==> flow/design.v <==
module add_core #(
  parameter W = 32,
  parameter N = 3,
  parameter OUT_W = W + $clog2(N)
) (
  input  wire CLK,
  input  wire RST,
  input  wire enable,
  input  wire [N*W-1:0] d,
  output wire [OUT_W-1:0] s
);
  wire [OUT_W-1:0] lvl [1:2*N-1];
  genvar k;
  generate
    for (k = 0; k < N; k = k + 1) begin : u_g
      assign lvl[N+k] = d[k*W +: W];
    end
    for (k = 1; k < N; k = k + 1) begin : lane
      assign lvl[k] = lvl[2*k] + lvl[2*k+1];
    end
  endgenerate
  reg [OUT_W-1:0] s_q;
  always @(posedge CLK or posedge RST) begin
    if (RST) begin
      s_q <= 0;
    end else if (enable) begin
      s_q <= lvl[1];
    end
  end
  assign s = s_q;
endmodule
# From RTL to reports: add_core
# The steps from the RTL of add_core to its reports follow in flow order.
# Lines are those of the file above, counted from 1.
setup:
  design: "add_core"
  clock: "CLK"
  library: "sky130hd"
  pvt_corner: "tt_025C_1v80"

# Word-level counts
# Source: Yosys, flattened and elaborated, memories not mapped. Widths are those after wreduce; folded enables and synchronous resets count as part of the registers. Registers that Yosys merges into a memory's read port (data or address) are not register bits. Print and check cells do not count. Equal cells are merged and count once.
op_classes:
  addsub: 2
op_table:
  columns: ["operator", "count"]
  rows:
  - ["adder 34 x 32 -> 34 bit", 1]
  - ["adder 32 x 32 -> 33 bit", 1]
bits:
  wordCells: 3
  inputBits: 99
  out_inout_bits: 34
  ff_bits: 34

# Depth
# Depth = most cells in a row (Yosys ltp): at word level without a register or memory, in the mapped netlist without a sequential cell, where the memories' decode and read muxes count.
depth:
  ltp_word: 2
  ABC_AREA: 0
  depth_mapped: 22
  mapped_depth_nobuf: 22

# Netlist
# The flow's flattened synthesis, as Yosys stat reports it; memories are mapped. The netlist is that of the ABC_AREA named above (0 if unset); the other value can give another one.
# Totals and module areas in this step are rounded.
mapped:
  seq_area_um2: 850.8
  synth_area_um2: 4508
  mapped_cells: 506
  ff_cells: 34
  n_buf: 13
by_type:
  columns: ["cell_type", "count"]
  rows:
  - ["sky130_fd_sc_hd__dfrtp_1", 34]
  - ["sky130_fd_sc_hd__ha_1", 65]
  - ["sky130_fd_sc_hd__mux2_2", 30]
  - ["sky130_fd_sc_hd__xnor2_1", 35]
  - ["sky130_fd_sc_hd__a21oi_1", 50]
  - ["sky130_fd_sc_hd__a21o_1", 30]
  - ["sky130_fd_sc_hd__xor2_1", 19]
  - ["sky130_fd_sc_hd__nand2_1", 30]
  - ["sky130_fd_sc_hd__o21ai_0", 20]
  - ["sky130_fd_sc_hd__nor2_1", 25]
  - ["sky130_fd_sc_hd__inv_1", 21]
  - ["sky130_fd_sc_hd__nand4_1", 10]
  - ["sky130_fd_sc_hd__o21a_1", 8]
  - ["sky130_fd_sc_hd__nand3_1", 11]
  - ["sky130_fd_sc_hd__o21bai_1", 6]
  - ["sky130_fd_sc_hd__fa_1", 2]
  - ["sky130_fd_sc_hd__a211oi_2", 3]
  - ["sky130_fd_sc_hd__and3_1", 5]
# Not listed: further types 53, cells in them 102.

# Worst setup path after synthesis
# Source: OpenSTA report_checks on the synthesized netlist (no wires, ideal clock, input and output delay 20% of the period each), path of least setup slack; recovery checks are left aside. Register names are those of the netlist, which keeps one name where synthesis merged equal registers.
synth_timing:
  path_type: "input port to flip-flop"
  from: "input port d[32]"
  to: "register s_q[32]"
  tclk_ps: 5950
  setup_ps: 125
  t_arrival_ps: 4870
  path_delay_ps: 3805
  path_stages: 20
  t_required_ps: 5825
  n_path_buf: 0
  path_slack_ps: 955
  synth_period_reached_ps: 4995
# "path_delay_ps" = arrival - input delay + setup time.
# "path_stages": output pins that drive a net of the path, with the launching flip-flop's if there is one; two outputs of one cell count as two.
# "synth_period_reached_ps" is the clock period less the worst setup slack; recovery checks do not enter. This is arithmetic on one report: input and output delays are still those of the set period (20% each).
# The rows between start and end are the longest chain of elaborated cells between them; the timing report does not say that the signal goes this way. Where chains are equally long, one stands for them.
# Each line given opens the expression or statement behind the cell; cells for indexed reads and writes are added by Yosys, which also makes memories of some case tables.
synth_between:
  cell_sequence: "sky130_fd_sc_hd__ha_1 sky130_fd_sc_hd__inv_1 sky130_fd_sc_hd__fa_1 sky130_fd_sc_hd__nor2b_1 sky130_fd_sc_hd__o31a_1 sky130_fd_sc_hd__o21a_1 sky130_fd_sc_hd__a21oi_1 sky130_fd_sc_hd__nor2_1 sky130_fd_sc_hd__o21a_1 sky130_fd_sc_hd__a211o_1 sky130_fd_sc_hd__xor2_1 sky130_fd_sc_hd__ha_1 sky130_fd_sc_hd__and4_1 sky130_fd_sc_hd__nand4_1 sky130_fd_sc_hd__o21ai_2 sky130_fd_sc_hd__a41oi_2 sky130_fd_sc_hd__nor4b_1 sky130_fd_sc_hd__o22ai_1 sky130_fd_sc_hd__xnor2_1 sky130_fd_sc_hd__mux2_2"
  elab_chain_len: 2
  cone_cells: 2
  lines_between: 1
synth_lines:
  columns: ["element", "line", "source"]
  rows:
  - ["from (decl)", 9, "input  wire [N*W-1:0] d,"]
  - ["adder 32 x 32 -> 33 bit", 19, "assign lvl[k] = lvl[2*k] + lvl[2*k+1];"]
  - ["adder 34 x 32 -> 34 bit", 19, null]
  - ["to (assign)", 25, "s_q <= 0;"]
  - ["to (assign)", 27, "s_q <= lvl[1];"]
  - ["to (decl)", 22, "reg [OUT_W-1:0] s_q;"]

# Path in the finished layout
# Path of least setup slack in the final report of entry A (OpenROAD, finished layout, wires in). Where an end is a register, its clock arrival counts in the times.
# The path's times are printed in steps of 10 ps; the period is the one set.
layout_timing:
  path_type: "input port to flip-flop"
  from: "input port d[32]"
  to: "register s_q[28]"
  t_arrival_ps: 5670
  setup_ps: 110
  t_required_ps: 6110
  tclk_ps: 5950
  n_path_buf: 1
  path_stages: 21
  path_slack_ps: 440
# The rows between start and end are the longest chain of elaborated cells between them; the timing report does not say that the signal goes this way. Where chains are equally long, one stands for them.
layout_between:
  cell_sequence: "sky130_fd_sc_hd__clkdlybuf4s50_1 sky130_fd_sc_hd__ha_1 sky130_fd_sc_hd__inv_1 sky130_fd_sc_hd__fa_1 sky130_fd_sc_hd__nor2b_1 sky130_fd_sc_hd__o31a_1 sky130_fd_sc_hd__o21a_1 sky130_fd_sc_hd__a21oi_1 sky130_fd_sc_hd__nor2_1 sky130_fd_sc_hd__o21a_1 sky130_fd_sc_hd__a211o_1 sky130_fd_sc_hd__xor2_1 sky130_fd_sc_hd__ha_1 sky130_fd_sc_hd__and4_1 sky130_fd_sc_hd__a221oi_2 sky130_fd_sc_hd__o21ai_2 sky130_fd_sc_hd__a41oi_2 sky130_fd_sc_hd__o21ai_1 sky130_fd_sc_hd__a21oi_1 sky130_fd_sc_hd__xnor2_1 sky130_fd_sc_hd__mux2_2"
  elab_chain_len: 2
  cone_cells: 2
  lines_between: 1
layout_lines:
  columns: ["element", "line", "source"]
  rows:
  - ["from (decl)", 9, "input  wire [N*W-1:0] d,"]
  - ["adder 32 x 32 -> 33 bit", 19, "assign lvl[k] = lvl[2*k] + lvl[2*k+1];"]
  - ["adder 34 x 32 -> 34 bit", 19, null]
  - ["to (assign)", 25, "s_q <= 0;"]
  - ["to (assign)", 27, "s_q <= lvl[1];"]
  - ["to (decl)", 22, "reg [OUT_W-1:0] s_q;"]

FLOW RESULTS
============

Measured data: module add_core, platform sky130hd, 3 stored runs of the flow under differing settings, order arbitrary. Input and output delays are each 20% of the period that was set; the output load is 0.01 pF.
By "period_less_ws_ps" is meant the clock period of the run minus its worst setup slack. This is arithmetic on one report: input and output delays are still those of the set period (20% each).
By "worst_path_allowed_less_slack_ps" is meant the share of the clock period that the worst setup path is allowed (20% is reserved at inputs, 20% at outputs), minus its slack. Clock arrival times at its registers enter into it.
"design_power_uw" rests on the timing tool's default activity at the inputs, not on a simulated workload.
"worst_path_allowed_less_slack_ps" is known to 10 ps.
Measured values are rounded.

--- entry A ---
==> flow/run.sh <==
#!/bin/bash
# the make line also repeats the synthesis and layout settings of config.mk as NAME=value (left out here)
make -C /OpenROAD-flow-scripts/flow DESIGN_CONFIG=/design/flow/config.mk WORK_HOME=/design/flow/orfs CLKGATE_MAP_FILE= finish
==> flow/config.mk <==
export PLATFORM = sky130hd
export DESIGN_NAME = add_core
export DESIGN_NICKNAME = add_core
export VERILOG_FILES = /design/flow/design.v
export SDC_FILE = /design/flow/constraint.sdc
export NUM_CORES = 4
export LEC_CHECK = 0
export CAP_MARGIN = 20
export CORE_MARGIN = 2
export CORE_UTILIZATION = 40
export SLEW_MARGIN = 20
==> flow/constraint.sdc <==
create_clock -name core_clock -period 5.95 [get_ports {CLK}]
set_input_delay 1.1900 -clock core_clock [delete_from_list [all_inputs] [get_ports {CLK}]]
set_output_delay 1.1900 -clock core_clock [all_outputs]
set_load 0.01 [all_outputs]

==> results, as YAML <==
results:
  utilization_pct: 56.2
  worst_path_allowed_less_slack_ps: 4320
  path_kind: "input port to flip-flop"
  design_power_uw: 1845
  synth_chip_area_um2: 4508
  worstSetupSlack_ps: 436
  hold_ws_ps: 502
  total_negative_slack_ps: 0
  design.die.area_um2: 12140
  period_less_ws_ps: 5514

--- entry B ---
==> flow/run.sh <==
#!/bin/bash
# the make line also repeats the synthesis and layout settings of config.mk as NAME=value (left out here)
make -C /OpenROAD-flow-scripts/flow DESIGN_CONFIG=/design/flow/config.mk WORK_HOME=/design/flow/orfs CLKGATE_MAP_FILE= finish
==> flow/config.mk <==
export PLATFORM = sky130hd
export DESIGN_NAME = add_core
export DESIGN_NICKNAME = add_core
export VERILOG_FILES = /design/flow/design.v
export SDC_FILE = /design/flow/constraint.sdc
export NUM_CORES = 4
export LEC_CHECK = 0
export CAP_MARGIN = 5
export CORE_ASPECT_RATIO = 1.34
export CORE_MARGIN = 8
export CORE_UTILIZATION = 38
export GPL_TIMING_DRIVEN = 1
export PLACE_DENSITY_LB_ADDON = 0.0
export SETUP_SLACK_MARGIN = 0.99
export SLEW_MARGIN = 20
export TNS_END_PERCENT = 30
==> flow/constraint.sdc <==
create_clock -name core_clock -period 4.64 [get_ports {CLK}]
set_input_delay 0.9280 -clock core_clock [delete_from_list [all_inputs] [get_ports {CLK}]]
set_output_delay 0.9280 -clock core_clock [all_outputs]
set_load 0.01 [all_outputs]

==> results, as YAML <==
results:
  utilization_pct: 68.9
  worst_path_allowed_less_slack_ps: 3680
  path_kind: "input port to flip-flop"
  design_power_uw: 3017
  synth_chip_area_um2: 4508
  worstSetupSlack_ps: 37
  hold_ws_ps: 503
  total_negative_slack_ps: 0
  design.die.area_um2: 15640
  period_less_ws_ps: 4603

--- entry C ---
==> flow/run.sh <==
#!/bin/bash
# the make line also repeats the synthesis and layout settings of config.mk as NAME=value (left out here)
make -C /OpenROAD-flow-scripts/flow DESIGN_CONFIG=/design/flow/config.mk WORK_HOME=/design/flow/orfs CLKGATE_MAP_FILE= finish
==> flow/config.mk <==
export PLATFORM = sky130hd
export DESIGN_NAME = add_core
export DESIGN_NICKNAME = add_core
export VERILOG_FILES = /design/flow/design.v
export SDC_FILE = /design/flow/constraint.sdc
export NUM_CORES = 4
export LEC_CHECK = 0
export CAP_MARGIN = 20
export CORE_MARGIN = 2
export CORE_UTILIZATION = 18
export MAX_ROUTING_LAYER = met5
export MIN_ROUTING_LAYER = met2
export SLEW_MARGIN = 10
export TNS_END_PERCENT = 5
==> flow/constraint.sdc <==
create_clock -name core_clock -period 6.29 [get_ports {CLK}]
set_input_delay 1.2580 -clock core_clock [delete_from_list [all_inputs] [get_ports {CLK}]]
set_output_delay 1.2580 -clock core_clock [all_outputs]
set_load 0.01 [all_outputs]

==> results, as YAML <==
results:
  utilization_pct: 26.0
  worst_path_allowed_less_slack_ps: 4500
  path_kind: "input port to flip-flop"
  design_power_uw: 1773
  synth_chip_area_um2: 4508
  worstSetupSlack_ps: 528
  hold_ws_ps: 501
  total_negative_slack_ps: 0
  design.die.area_um2: 26330
  period_less_ws_ps: 5762
